==> flow/design.v <==
module reg_bank_n #(
    parameter integer NREGS = 10,
    parameter integer WD = 10,
    parameter integer AW = $clog2(NREGS)
) (
    input wire clk,
    input wire rst_ni,
    input wire en,
    input wire write_in,
    input wire [AW-1:0] wr_addr_in,
    input wire [WD-1:0] wr_data_in,
    input wire [AW-1:0] raddr1_in,
    input wire [AW-1:0] raddr2_in,
    output wire [WD-1:0] dout1_out,
    output wire [WD-1:0] dout2_out
);
    reg write_reg;
    always @(posedge clk) begin
        if (!rst_ni) begin
            write_reg <= 1'b0;
        end else if (en) begin
            write_reg <= write_in;
        end
    end
    reg [AW-1:0] wr_addr_reg;
    always @(posedge clk) begin
        if (!rst_ni) begin
            wr_addr_reg <= 0;
        end else if (en) begin
            wr_addr_reg <= wr_addr_in;
        end
    end
    reg [WD-1:0] wr_data_reg;
    always @(posedge clk) begin
        if (!rst_ni) begin
            wr_data_reg <= 0;
        end else if (en) begin
            wr_data_reg <= wr_data_in;
        end
    end
    reg [WD-1:0] gpr [NREGS-1:0];
    always @(posedge clk) begin
        if (en && write_reg)
            gpr[wr_addr_reg] <= wr_data_reg;
    end
    reg [AW-1:0] raddr1_reg;
    always @(posedge clk) begin
        if (!rst_ni) begin
            raddr1_reg <= 0;
        end else if (en) begin
            raddr1_reg <= raddr1_in;
        end
    end
    reg [AW-1:0] raddr2_reg;
    always @(posedge clk) begin
        if (!rst_ni) begin
            raddr2_reg <= 0;
        end else if (en) begin
            raddr2_reg <= raddr2_in;
        end
    end
    assign dout1_out = (write_reg && wr_addr_reg == raddr1_reg) ? wr_data_reg : gpr[raddr1_reg];
    assign dout2_out = (write_reg && wr_addr_reg == raddr2_reg) ? wr_data_reg : gpr[raddr2_reg];
endmodule
== Step by step through the tools: reg_bank_n ==
Tool output for the design above, in the order of the flow.
Lines are those of the file above, counted from 1.
Operators: Yosys type, input widths -> output width; for muxes data width and select width s.
Cell names lack the library's common part.
Not given: -

* Design top: reg_bank_n
* Clock: clk
* Library: sky130hd
* Corner: tt_025C_1v80

== Elaborated design ==
Counts by Yosys on the flattened word-level netlist (proc, flatten, opt, wreduce; memories kept). Print and check cells are left out. Cells with the same type and inputs are merged into one.
Memory sizes are those after Yosys's memory passes, which may raise the word count (mostly to a power of two), join words into wider ones and drop unused or constant bits.

* Input bits: 26
* Clocked read ports x word width: 20
* Flip-flop bits (word level): 23
* Output and inout bits: 20
* Memory cells: 1
* RAM bits: 100

* Multiplexer cells: 9
* Reductions and logical operators: 3
* Eq/ne operators: 2

{| class="wikitable"
|+ Memories
! name !! words !! width !! read ports !! write ports !! RTL line !! source
|-
| gpr || 10 || 10 || 2 || 1 || 41 || <nowiki>reg [WD-1:0] gpr [NREGS-1:0];</nowiki>
|}

{| class="wikitable"
|+ Operators with widths
! kind !! number
|-
| $mux 10 || 3
|-
| $mux 4 || 5
|-
| $eq 4x4->1 || 2
|-
| $logic_and 1x1->1 || 3
|-
| $mux 1 || 1
|}

== Logic depth ==
Longest topological path by Yosys (ltp), each cell counted once; first at word level (registers and memories cut), then after technology mapping (sequential cells cut; the memories' decode and read muxes count).

* Depth in word-level cells: 3
* ABC_AREA: 0
* Depth in mapped cells: 6
* Mapped depth without buffers: 4

== Synthesis result ==
Source: synth_stat.txt of the flow (Yosys; design flattened, memories mapped). It holds for the ABC_AREA given above (unset counts as 0); a run with the other value may have another netlist.

* Synthesis area: 0.0060646 mm²
* Sequential area: 0.0036235 mm²
* Cell count: 351
* Mapped flip-flops: 131

{| class="wikitable"
|+ Cell types
! type !! number
|-
| edfxtp_1 || 100
|-
| mux4_2 || 40
|-
| mux2i_1 || 83
|-
| dfxtp_1 || 31
|-
| mux2_4 || 10
|-
| nor2b_1 || 23
|-
| mux2_2 || 10
|-
| buf_2 || 9
|-
| xor2_1 || 4
|-
| nor2_1 || 9
|-
| clkbuf_1 || 7
|-
| buf_6 || 2
|-
| nor4_4 || 1
|-
| buf_1 || 4
|-
| nand2_1 || 4
|-
| nand4_1 || 2
|-
| a222oi_1 || 1
|-
| nor3_1 || 2
|}

Not listed: further types 8, cells in them 9.

== Worst setup path after synthesis ==
Source: OpenSTA report_checks on the synthesized netlist (no wires, ideal clock, input and output delay 20% of the period each), path of least setup slack; recovery checks are left aside. Register names are those of the netlist, which keeps one name where synthesis merged equal registers.

* Path type: input to register
* Start point: input en
* End point: memory gpr[0][0]
* Stages: 4
* Data required time: 2.670 ns
* Data arrival time: 2.178 ns
* Clock period: 3.06 ns
* External input delay: 0.612 ns
* Slack: 0.492 ns
* Path buffers: 2
* Path delay: 1.956 ns
* Synthesis period reached: 2.568 ns

"path delay" is the arrival time less input delay plus setup time.
"stages" counts driving pins, that of a launching flip-flop among them; a cell with two outputs on the path counts twice.
"synthesis period reached" = period - worst setup slack (recovery checks aside). The figure is calculated, with input and output delays left at 20% of the set period.
The rows between start and end are the longest chain of elaborated cells between them; the timing report does not say that the signal goes this way. Where chains are equally long, one stands for them.
A line is the first line of the expression or statement that the cell stems from. Yosys adds cells for indexed reads and writes and turns some case tables into memories.
The path ends at the enable pin of a flip-flop; only ways to that pin are counted.

* Path through: clkbuf_1 > buf_2 > nand4b_1 > nor3_1
* Cells in the longest elaborated chain: 2

{| class="wikitable"
|+ Ends and longest elaborated chain, post-synthesis
! what !! RTL line !! source
|-
| from (decl) || 8 || <nowiki>input wire en,</nowiki>
|-
| $logic_and 1x1->1 || 43 || <nowiki>if (en && write_reg)</nowiki>
|-
| $mux 4 || 43 ||
|-
| to (decl) || 41 || <nowiki>reg [WD-1:0] gpr [NREGS-1:0];</nowiki>
|}

== Timing after layout ==
From the final timing report of stored run 1: the path of least setup slack in the routed layout; clock arrival at registers is part of the times.

* Path type: register to output
* Start point: register wr_addr_reg[0]
* End point: output dout2_out[8]
* Path buffers: 3
* Data required time: 2.34 ns
* Clock period: 2.92 ns
* Data arrival time: 2.50 ns
* Slack: -0.16 ns
* Stages: 8
* External output delay: 0.58 ns

The rows between start and end are the longest chain of elaborated cells between them; the timing report does not say that the signal goes this way. Where chains are equally long, one stands for them.

* Path through: dfxtp_2 > inv_4 > a222oi_1 > or4b_4 > buf_16 > buf_12 > mux2_4 > buf_6
* Cells in the longest elaborated chain: 3

{| class="wikitable"
|+ Ends and longest elaborated chain, after layout
! what !! RTL line !! source
|-
| from (decl) || 25 || <nowiki>reg [AW-1:0] wr_addr_reg;</nowiki>
|-
| from (assign) || 28 || <nowiki>wr_addr_reg <= 0;</nowiki>
|-
| from (assign) || 30 || <nowiki>wr_addr_reg <= wr_addr_in;</nowiki>
|-
| $eq 4x4->1 || 63 || <nowiki>assign dout2_out = (write_reg && wr_addr_reg == raddr2_reg) ? wr_data_reg : gpr[raddr2_reg];</nowiki>
|-
| $logic_and 1x1->1 || 63 ||
|-
| $mux 10 || 63 ||
|-
| to (decl) || 15 || <nowiki>output wire [WD-1:0] dout2_out</nowiki>
|}

Add stored flow runs of reg_bank_n

Measured data: module reg_bank_n, platform sky130hd, 2 stored runs of the flow under differing settings, order arbitrary. Input and output delays are each 20% of the period that was set; the output load is 0.01 pF.
"time used up by the worst setup path": the worst setup path's part of the clock period (all of it between registers, 20% less for each end at a port) less its slack. A launch clock that arrives late makes it longer, a capture clock that arrives late makes it shorter.
By "total power after layout" is meant OpenSTA's value without simulated activity: inputs other than the clock are taken to toggle once in ten clock periods, and the tool carries that through the logic.

=== Stored run 1 ===
{| class="wikitable"
! Setting !! Value
|-
| period_ns || 2.92
|-
| CORE_UTILIZATION || 44
|-
| PLACE_DENSITY_LB_ADDON || 0.06
|-
| CORE_MARGIN || 8
|-
| CELL_PAD_IN_SITES_DETAIL_PLACEMENT || 2
|-
| SLEW_MARGIN || 25
|-
| MIN_ROUTING_LAYER || met2
|-
| CAP_MARGIN || 20
|-
! Result !! Value
|-
| Total die area || 0.0177956 mm²
|-
| Worst hold slack after layout || 0.579 ns
|-
| Utilization in the final report || 56.7%
|-
| Total power after layout || 4.551 mW
|-
| Setup slack of the worst path || -0.162 ns
|-
| Time used up by the worst setup path || 2.50 ns
|-
| Class of the worst setup path || register to output
|-
| Chip area in the Yosys report || 0.0060646 mm²
|}

=== Stored run 2 ===
{| class="wikitable"
! Setting !! Value
|-
| period_ns || 3.06
|-
| CAP_MARGIN || 20
|-
| CORE_MARGIN || 2
|-
| CORE_UTILIZATION || 40
|-
| SLEW_MARGIN || 20
|-
! Result !! Value
|-
| Total die area || 0.016162 mm²
|-
| Worst hold slack after layout || 0.535 ns
|-
| Utilization in the final report || 49.9%
|-
| Total power after layout || 4.202 mW
|-
| Setup slack of the worst path || 0.093 ns
|-
| Time used up by the worst setup path || 2.35 ns
|-
| Class of the worst setup path || register to output
|-
| Chip area in the Yosys report || 0.0060646 mm²
|}
